==> flow/design.v <==
module mult #(
    parameter DW = 9
) (
    input  aclk,
    input  rst_i,
    input  [DW-1:0] arg0,
    input  [DW-1:0] arg1,
    output reg [DW-1:0] mul
);
    always @(posedge aclk or posedge rst_i) begin
        if (rst_i) begin
            mul <= 0;
        end else begin
            mul <= arg0 * arg1;
        end
    end
endmodule
Reports on mult
The steps from the RTL of mult to its reports follow in flow order. Line numbers count from 1 in the design file above. Cell names lack the library's common part. A cell with -- has no value.

Design top: mult. Clock input: aclk. Library: sky130hd. Timing corner: tt_025C_1v80.

After elaboration
Counts by Yosys on the flattened word-level netlist (proc, flatten, opt, wreduce; memories kept). Register bits leave out memories and registers merged into their read ports (data or address); mux counts leave out enables and synchronous resets folded into registers. Print and check cells are left out. Cells with the same type and inputs are merged into one.

For bits in registers the number is 9. The entry for input port bits reads 20. Under output and inout port bits stands 9. Under word-level cells stands 2.

Under multiply operators stands 1.

Operator list (number): multiplier 9 x 9 -> 9 bit (1).

Logic depth
Depth = most cells in a row (Yosys ltp): at word level without a register or memory, in the mapped netlist without a sequential cell, where the memories' decode and read muxes count.

The entry for depth after elaboration reads 1. The entry for ABC_AREA reads 0. The entry for mapped depth reads 14. The figure for mapped depth without buffers is 14.

Synthesis result
The flow's flattened synthesis, as Yosys stat reports it; memories are mapped. The netlist is that of the ABC_AREA named above (0 if unset); the other value can give another one.

Cell types: fa_1 (number 18, total area 360.346 um^2); dfrtp_1 (number 9, total area 225.216 um^2); ha_1 (number 17, total area 212.704 um^2); nand2_1 (number 30, total area 112.608 um^2); inv_1 (number 28, total area 105.101 um^2); and2_1 (number 15, total area 93.84 um^2); xnor2_1 (number 8, total area 70.067 um^2); xnor3_1 (number 3, total area 67.565 um^2); xor2_1 (number 4, total area 35.034 um^2); a21o_1 (number 2, total area 15.014 um^2); a21oi_1 (number 2, total area 10.01 um^2); clkbuf_1 (number 1, total area 3.754 um^2).

For cells in the netlist the number is 137. Mapped area: 1311.3 um^2. The entry for area of sequential cells reads 225.2 um^2. The entry for flip-flop cells reads 9. The figure for buffers is 1.

Path before layout
OpenSTA on the mapped netlist: ideal clock, no wires. The path of least setup slack (recovery checks aside). Input and output delay are each 20% of the period. Register names are those of the netlist, which keeps one name where synthesis merged equal registers.

Path type: input-to-reg. From: input port arg1[0]. To: register mul[8]. For clock period the number is 5.91 ns. For external input delay the number is 1.182 ns. For library setup time the number is 0.134 ns. For launch time at the first pin the number is 1.182 ns. Under arrival time stands 4.831 ns. Data required time: 5.776 ns. The figure for path slack is 0.945 ns. For path delay the number is 3.783 ns. The figure for driving pins on the path is 14. The entry for path buffers reads 1. Under synthesis period reached stands 4.965 ns.

"path delay" = arrival - input delay + setup time. "driving pins on the path": output pins that drive a net of the path, with the launching flip-flop's if there is one; two outputs of one cell count as two. "synthesis period reached" = period - worst setup slack (recovery checks aside). The figure is calculated, with input and output delays left at 20% of the set period. Between the ends stands the longest chain of elaborated cells between them, by number of cells; it is not shown to be the way that was timed. Of several equally long chains one is given. Each line given opens the expression or statement behind the cell; cells for indexed reads and writes are added by Yosys, which also makes memories of some case tables.

Cells stage by stage: clkbuf_1 nand2_1 fa_1 fa_1 inv_1 ha_1 inv_1 fa_1 inv_1 fa_1 a21o_1 a21oi_1 xnor3_1 xnor3_1. The entry for length of the longest elaborated chain reads 1. Under elaborated cells on any way between the ends stands 1. For source lines of those cells the number is 1. Classes of those cells: mul (1).

RTL lines, path after synthesis: start: declaration (RTL line 7) `input  [DW-1:0] arg1,`; multiplier 9 x 9 -> 9 bit (RTL line 14) `mul <= arg0 * arg1;`; end: assignment (RTL line 12) `mul <= 0;`; end: assignment (RTL line 14); end: declaration (RTL line 8) `output reg [DW-1:0] mul`.

Path in the finished layout
Path of least setup slack in the final report of run 1 (OpenROAD, finished layout, wires in). Where an end is a register, its clock arrival counts in the times.

Path type: input-to-reg. From: input port arg1[2]. To: register mul[8]. For clock period the number is 5.91 ns. For external input delay the number is 1.18 ns. For library setup time the number is 0.12 ns. For launch time at the first pin the number is 1.18 ns. Under arrival time stands 5.53 ns. Data required time: 6.05 ns. The figure for path slack is 0.51 ns. The figure for driving pins on the path is 14. The entry for path buffers reads 1.

Between the ends stands the longest chain of elaborated cells between them, by number of cells; it is not shown to be the way that was timed. Of several equally long chains one is given.

Cells stage by stage: clkdlybuf4s50_1 nand2_1 fa_1 fa_1 inv_1 ha_1 inv_1 fa_1 inv_1 fa_1 a21o_1 a21oi_1 xnor3_1 xnor3_1. The entry for length of the longest elaborated chain reads 1. Under elaborated cells on any way between the ends stands 1. For source lines of those cells the number is 1. Classes of those cells: mul (1).

RTL lines, path after layout: start: declaration (RTL line 7) `input  [DW-1:0] arg1,`; multiplier 9 x 9 -> 9 bit (RTL line 14) `mul <= arg0 * arg1;`; end: assignment (RTL line 12) `mul <= 0;`; end: assignment (RTL line 14); end: declaration (RTL line 8) `output reg [DW-1:0] mul`.

Subject: mult on sky130hd, stored results

Hello all,

mult through Yosys and OpenROAD on sky130hd: 3 stored runs, unordered, with their settings and measured results. The constraints put input and output delay at 20% of the set period each and load the outputs with 0.01 pF. By "clock period reached" is meant the clock period of the run minus its worst setup slack. This is arithmetic on one report: input and output delays are still those of the set period (20% each). "worst setup path time" means the part of the period allowed to the worst setup path (the constraints hold back 20% at inputs and 20% at outputs) less its slack; where the path has registers, the arrival times of their clocks count too. "total power of the final layout": no workload was simulated; the value follows from the tool's default switching activity.

Run 1 has these settings: period_ns 5.91; CAP_MARGIN 20; CORE_MARGIN 2; CORE_UTILIZATION 40; SLEW_MARGIN 20. For the total power of the final layout the run shows 416.2 µW. For the lowest setup slack the run shows 0.514 ns. The measured worst setup path time is 4.21 ns. Class of the worst setup path: input-to-reg. The post-synthesis cell area is 1311.3 um^2. The utilization after layout reads 0.542. The clock period reached stands at 5.396 ns. The standard-cell area of the final layout stands at 1669.1 um^2. For the summed negative setup slack the run shows 0.000 ns. For the area inside the die boundary the run shows 3752.2 um^2.

Run 2 has these settings: period_ns 3.78; CORE_UTILIZATION 51; SETUP_SLACK_MARGIN 0.77; CELL_PAD_IN_SITES_GLOBAL_PLACEMENT 2; CELL_PAD_IN_SITES_DETAIL_PLACEMENT 0; TNS_END_PERCENT 85; CTS_CLUSTER_SIZE 97; CAP_MARGIN 10; CORE_MARGIN 2; SLEW_MARGIN 20. Outcome: incomplete, placement halted on GPL-0301.

Run 3 has these settings: period_ns 8.27; CORE_UTILIZATION 42; SETUP_SLACK_MARGIN -0.03; CORE_ASPECT_RATIO 1.89; GPL_TIMING_DRIVEN 0; CTS_CLUSTER_DIAMETER 185; SLEW_MARGIN 5; MAX_ROUTING_LAYER met5; CAP_MARGIN 20; CORE_MARGIN 2. The utilization after layout reads 0.566. For the total power of the final layout the run shows 320.6 µW. The standard-cell area of the final layout stands at 1662.8 um^2. The clock period reached stands at 5.948 ns. For the area inside the die boundary the run shows 3608.0 um^2. The measured worst setup path time is 4.29 ns. Class of the worst setup path: input-to-reg. For the summed negative setup slack the run shows 0.000 ns. The post-synthesis cell area is 1311.3 um^2. For the lowest setup slack the run shows 2.322 ns.

Thanks
